==> flow/design.v <==
module mult #(
    parameter DW = 7
) (
    input  aclk,
    input  rst_i,
    input  [DW-1:0] arg0,
    input  [DW-1:0] arg1,
    output reg [DW-1:0] mul
);
    always @(posedge aclk or posedge rst_i) begin
        if (rst_i) begin
            mul <= 0;
        end else begin
            mul <= arg0 * arg1;
        end
    end
endmodule
* Reports on mult *
What the tools print for mult, step after step.
Line numbers count from 1 in the design file above.
Operators: Yosys type, input widths -> output width; for muxes data width and select width s.
Not given: --

design
  top module = mult
  clock port = aclk
  library = sky130hd
  timing corner = tt_025C_1v80

* Elaborated design *
Counts by Yosys on the flattened word-level netlist (proc, flatten, opt, wreduce; memories kept). Register bits leave out memories and registers merged into their read ports (data or address); mux counts leave out enables and synchronous resets folded into registers. Print and check cells are left out. Cells with the same type and inputs are merged into one.

word-level totals
  bits in registers = 7
  bits of input ports = 16
  output and inout bits = 7
  cells after elaboration = 2

operators by class
  $mul = 1

operators with widths
  kind         number
  $mul 7x7->7  1

* Longest topological paths *
Depth = most cells in a row (Yosys ltp): at word level without a register or memory, in the mapped netlist without a sequential cell, where the memories' decode and read muxes count.

depth
  depth in word-level cells = 1
  ABC_AREA = 0
  depth in mapped cells = 12
  depth with buffers taken out = 12

* Netlist *
The flow's flattened synthesis, as Yosys stat reports it; memories are mapped. The netlist is that of the ABC_AREA named above (0 if unset); the other value can give another one.

cell types
  cell                      number  total area (µm²)
  sky130_fd_sc_hd__dfrtp_1  7       175.168
  sky130_fd_sc_hd__ha_1     13      162.656
  sky130_fd_sc_hd__fa_1     7       140.134
  sky130_fd_sc_hd__xnor2_1  10      87.584
  sky130_fd_sc_hd__and2_1   9       56.304
  sky130_fd_sc_hd__inv_1    14      52.55
  sky130_fd_sc_hd__nand2_1  11      41.29
  sky130_fd_sc_hd__and2_2   5       37.536
  sky130_fd_sc_hd__xor2_1   3       26.275
  sky130_fd_sc_hd__nand2_2  3       18.768
  sky130_fd_sc_hd__xnor2_2  1       16.266
  sky130_fd_sc_hd__a21o_1   2       15.014
  sky130_fd_sc_hd__a21oi_1  2       10.01

synthesis totals
  cell count = 87
  chip area (Yosys) = 839.6 µm²
  sequential part of the area = 175.2 µm²
  flip-flop cells = 7
  buffer cells = 0

* Path before layout *
Source: OpenSTA report_checks on the synthesized netlist (no wires, ideal clock, input and output delay 20% of the period each), path of least setup slack; recovery checks are left aside. Register names are those of the netlist, which keeps one name where synthesis merged equal registers.

path post-synthesis
  kind = input to register
  start point = in arg1[3]
  end point = reg mul[6]
  period = 4.37 ns
  input delay = 0.874 ns
  setup time = 0.080 ns
  time at the first pin = 0.874 ns
  arrival time = 3.590 ns
  data required time = 4.290 ns
  setup slack = 0.700 ns
  delay of the path = 2.796 ns
  driving pins on the path = 12
  path buffers = 0
  period reached after synthesis = 3.67 ns

"delay of the path" is the arrival time less input delay plus setup time.
"driving pins on the path": output pins that drive a net of the path, with the launching flip-flop's if there is one; two outputs of one cell count as two.
"period reached after synthesis" = period - worst setup slack (recovery checks aside). The figure is calculated, with input and output delays left at 20% of the set period.
The rows between start and end are the longest chain of elaborated cells between them; the timing report does not say that the signal goes this way. Where chains are equally long, one stands for them.
A line is the first line of the expression or statement that the cell stems from. Yosys adds cells for indexed reads and writes and turns some case tables into memories.

on the way, post-synthesis
  cells stage by stage = sky130_fd_sc_hd__nand2_1 -> sky130_fd_sc_hd__fa_1 -> sky130_fd_sc_hd__inv_1 -> sky130_fd_sc_hd__ha_1 -> sky130_fd_sc_hd__inv_1 -> sky130_fd_sc_hd__fa_1 -> sky130_fd_sc_hd__fa_1 -> sky130_fd_sc_hd__inv_1 -> sky130_fd_sc_hd__ha_1 -> sky130_fd_sc_hd__a21oi_1 -> sky130_fd_sc_hd__xnor2_1 -> sky130_fd_sc_hd__xnor2_1
  length of the longest elaborated chain = 1
  elaborated cells between the ends (all ways) = 1
  source lines of those cells = 1
  classes of those cells = mul: 1

RTL lines, path post-synthesis
  what             RTL line  source
  start, declared  7         input  [DW-1:0] arg1,
  $mul 7x7->7      14        mul <= arg0 * arg1;
  end, assigned    12        mul <= 0;
  end, assigned    14
  end, declared    8         output reg [DW-1:0] mul

* Timing after layout *
From the final timing report of record 1: the path of least setup slack in the routed layout; clock arrival at registers is part of the times.

path post-layout
  kind = input to register
  start point = in arg1[3]
  end point = reg mul[6]
  period = 4.37 ns
  input delay = 0.87 ns
  setup time = 0.07 ns
  time at the first pin = 0.87 ns
  arrival time = 4.27 ns
  data required time = 4.54 ns
  setup slack = 0.27 ns
  driving pins on the path = 13
  path buffers = 1

The rows between start and end are the longest chain of elaborated cells between them; the timing report does not say that the signal goes this way. Where chains are equally long, one stands for them.

on the way, post-layout
  cells stage by stage = sky130_fd_sc_hd__clkdlybuf4s50_1 -> sky130_fd_sc_hd__nand2_1 -> sky130_fd_sc_hd__fa_1 -> sky130_fd_sc_hd__inv_1 -> sky130_fd_sc_hd__ha_1 -> sky130_fd_sc_hd__inv_1 -> sky130_fd_sc_hd__fa_1 -> sky130_fd_sc_hd__fa_1 -> sky130_fd_sc_hd__inv_1 -> sky130_fd_sc_hd__ha_1 -> sky130_fd_sc_hd__a21oi_1 -> sky130_fd_sc_hd__xnor2_1 -> sky130_fd_sc_hd__xnor2_1
  length of the longest elaborated chain = 1
  elaborated cells between the ends (all ways) = 1
  source lines of those cells = 1
  classes of those cells = mul: 1

RTL lines, path post-layout
  what             RTL line  source
  start, declared  7         input  [DW-1:0] arg1,
  $mul 7x7->7      14        mul <= arg0 * arg1;
  end, assigned    12        mul <= 0;
  end, assigned    14
  end, declared    8         output reg [DW-1:0] mul

Hand-over note for mult

Record of 3 stored runs of the RTL-to-layout flow on mult, platform sky130hd. The runs are unordered. Constraints: input delay and output delay 20% of the set period each, output load 0.01 pF.
By "period achieved" is meant the clock period of the run minus its worst setup slack. This is arithmetic on one report: input and output delays are still those of the set period (20% each).
"worst path time" = time allowed to the worst setup path (clock period - input delay - output delay, where it has them) - its slack; a late launch clock adds to it, a late capture clock takes from it.
"power consumption" is the tool's figure for a default switching activity; nothing was simulated.
Settings: - = not set for that run.
A result given as - is not shown for that run.

name                                    record 1           record 2           record 3
period_ns                               4.37               3.4                3.57
CAP_MARGIN                              20                 10                 40
CORE_MARGIN                             2                  2                  3
CORE_UTILIZATION                        40                 43                 63
SLEW_MARGIN                             20                 20                 25
CELL_PAD_IN_SITES_GLOBAL_PLACEMENT      -                  2                  -
GPL_ROUTABILITY_DRIVEN                  -                  1                  -
CTS_CLUSTER_SIZE                        -                  69                 -
SETUP_SLACK_MARGIN                      -                  -                  0.45
PLACE_DENSITY                           -                  -                  0.52
CORE_ASPECT_RATIO                       -                  -                  1.58
MIN_ROUTING_LAYER                       -                  -                  met1
chip area in the Yosys report (µm²)     839.6              839.6              -
standard-cell area after layout (µm²)   1157.4             1243.7             -
period achieved (ns)                    4.101              3.326              -
worst path time (ns)                    3.23               2.65               -
critical path kind                      input to register  input to register  -
utilization of the finished layout (%)  59.0               69.8               -
post-route setup TNS (ns)               0.000              0.000              -
die area (µm²)                          2481.5             2321.8             -
worst setup slack after layout (ns)     0.269              0.074              -
power consumption (mW)                  0.3353             0.4791             -

Record 3: no final report: floorplanning broke off with PDN-0185

End of note.
